==> flow/design.v <==
module gen_adder #(
    parameter NBITS = 6
) (
    input  wire clk,
    input  wire RSTN,
    input  wire [NBITS-1:0] dataa,
    input  wire [NBITS-1:0] datab,
    input  wire cin,
    output reg [NBITS-1:0] o,
    output reg carry
);
    wire [NBITS:0] val = dataa + datab + cin;
    always @(posedge clk or negedge RSTN) begin
        if (~RSTN) begin
            o <= 0;
            carry <= 1'b0;
        end else begin
            o <= val[NBITS-1:0];
            carry <= val[NBITS];
        end
    end
endmodule
* Step by step through the tools: gen_adder
What the tools print for gen_adder, step after step. Lines are those of the file above, counted from 1. Library cell names are shortened. A cell with -- has no value.
Design: design top gen_adder, clock clk, standard-cell library sky130hd, library corner tt_025C_1v80

* Elaborated design
Source: Yosys, flattened and elaborated, memories not mapped. Widths are those after wreduce; folded enables and synchronous resets count as part of the registers. Registers that Yosys merges into a memory's read port (data or address) are not register bits. Print and check cells do not count. Equal cells are merged and count once.
Cells by class: add/subtract/negate cells 2
Operators with widths (count):
- 6-bit by 6-bit adder with 7-bit output | 1
- 7-bit by 1-bit adder with 7-bit output | 1
Word-level totals: bits in registers 7, output and inout bits 7, cells after elaboration 4

* Longest topological paths
Yosys ltp: most cells in a row. Word level: on the elaborated netlist, between registers, memories and ports. Mapped: between sequential cells and ports; inverters and the memories' decode and read muxes count.
Depth: depth after elaboration 2, ABC_AREA 0, gate-level depth with buffers 7, depth with buffers taken out 7

* After synthesis
Source: synth_stat.txt of the flow (Yosys; design flattened, memories mapped). It holds for the ABC_AREA given above (unset counts as 0); a run with the other value may have another netlist.
Cells by type (count):
- dfrtp_1 | 7
- ha_1 | 5
- fa_1 | 2
- xnor2_1 | 3
- inv_1 | 4
- nor2b_4 | 1
- a211oi_2 | 1
- a21oi_1 | 2
- o21ai_0 | 2
- o31a_2 | 1
- a21oi_2 | 1
- o21ai_2 | 1
- a21o_1 | 1
- o21a_1 | 1
- o21bai_1 | 1
- nand2b_1 | 1
- nor2_1 | 1
Mapped netlist: cell count 35, mapped area 425.4 um2, sequential area 175.2 um2, mapped flip-flops 7, buffer cells 0

* Worst setup path after synthesis
Path of least setup slack by OpenSTA after synthesis, without wires, with an ideal clock, recovery checks aside; 20% of the period is set as input and as output delay. Where synthesis merged equal registers, the netlist keeps one of their names.
Timing path after synthesis: kind in2reg, start input port dataa[0], end register carry, clock period 2160 ps, input delay 432 ps, launch time at the first pin 432 ps, data arrival time 1694 ps, slack 345 ps, delay of the path 1383 ps, driving pins on the path 7, path buffers 0, period reached after synthesis 1815 ps
"delay of the path" is the arrival time less input delay plus setup time. "driving pins on the path" counts driving pins, that of a launching flip-flop among them; a cell with two outputs on the path counts twice. "period reached after synthesis" is the clock period less the worst setup slack; recovery checks do not enter. This is arithmetic on one report: input and output delays are still those of the set period (20% each). The rows between start and end are the longest chain of elaborated cells between them; the timing report does not say that the signal goes this way. Where chains are equally long, one stands for them. A line is the first line of the expression or statement that the cell stems from. Yosys adds cells for indexed reads and writes and turns some case tables into memories.
Between the ends, after synthesis: path through fa_1 -> inv_1 -> fa_1 -> nor2b_4 -> o31a_2 -> o21ai_2 -> nand2b_1, cells in the longest elaborated chain 2, elaborated cells on any way between the ends 2, those cells by class 2 x add/sub
RTL lines, path after synthesis:
- start: declaration | line 6 | input  wire [NBITS-1:0] dataa,
- 6-bit by 6-bit adder with 7-bit output | line 12 | wire [NBITS:0] val = dataa + datab + cin;
- 7-bit by 1-bit adder with 7-bit output | line 12
- end: assignment | line 16 | carry <= 1'b0;
- end: assignment | line 19 | carry <= val[NBITS];
- end: declaration | line 10 | output reg carry

* Path in the finished layout
Path of least setup slack in the final report of job 3 (OpenROAD, finished layout, wires in). Where an end is a register, its clock arrival counts in the times. The report prints the path's times to 10 ps; the period is as set.
Timing path post-layout: kind in2reg, start input port dataa[0], end register carry, clock period 2160 ps, input delay 430 ps, launch time at the first pin 430 ps, data arrival time 2170 ps, slack 100 ps, driving pins on the path 8, path buffers 1
The rows between start and end are the longest chain of elaborated cells between them; the timing report does not say that the signal goes this way. Where chains are equally long, one stands for them.
Between the ends, post-layout: path through clkdlybuf4s50_1 -> fa_1 -> inv_1 -> fa_1 -> nor2b_4 -> o31a_2 -> o21ai_2 -> nand2b_1, cells in the longest elaborated chain 2, elaborated cells on any way between the ends 2, those cells by class 2 x add/sub
RTL lines, path post-layout:
- start: declaration | line 6 | input  wire [NBITS-1:0] dataa,
- 6-bit by 6-bit adder with 7-bit output | line 12 | wire [NBITS:0] val = dataa + datab + cin;
- 7-bit by 1-bit adder with 7-bit output | line 12
- end: assignment | line 16 | carry <= 1'b0;
- end: assignment | line 19 | carry <= val[NBITS];
- end: declaration | line 10 | output reg carry

Wiki page: gen_adder / flow data

Module gen_adder, platform sky130hd: 3 stored runs of the flow (Yosys, OpenROAD) with differing settings, in no particular order. Input and output delays are each 20% of the period that was set; the output load is 0.01 pF.

* Job 1 | settings: period_ns 1.4; CORE_UTILIZATION 61; SETUP_SLACK_MARGIN 0.41; PLACE_DENSITY_LB_ADDON 0.03; CORE_MARGIN 8; CELL_PAD_IN_SITES_GLOBAL_PLACEMENT 3; CELL_PAD_IN_SITES_DETAIL_PLACEMENT 1; ABC_AREA 1; GPL_TIMING_DRIVEN 0; CTS_CLUSTER_DIAMETER 92; SLEW_MARGIN 20; MIN_ROUTING_LAYER met2; CAP_MARGIN 20 | not finished: floorplanning ended with error PDN-0185
* Job 2 | settings: period_ns 2.62; CORE_UTILIZATION 71; SETUP_SLACK_MARGIN 0.64; PLACE_DENSITY_LB_ADDON 0.19; CORE_MARGIN 2; ABC_AREA 0; GPL_TIMING_DRIVEN 0; GPL_ROUTABILITY_DRIVEN 0; CTS_CLUSTER_DIAMETER 169; CAP_MARGIN 35; MIN_ROUTING_LAYER met2; SLEW_MARGIN 20 | not finished: floorplanning ended with error PDN-0185
* Job 3 | settings: period_ns 2.16; CAP_MARGIN 20; CORE_MARGIN 2; CORE_UTILIZATION 40; SLEW_MARGIN 20 | results: summed negative setup slack 0 ps; netlist area reported by Yosys 425.4 um2; die footprint 1,340.3 um2; standard-cell area after layout 685.7 um2; lowest setup slack 97 ps
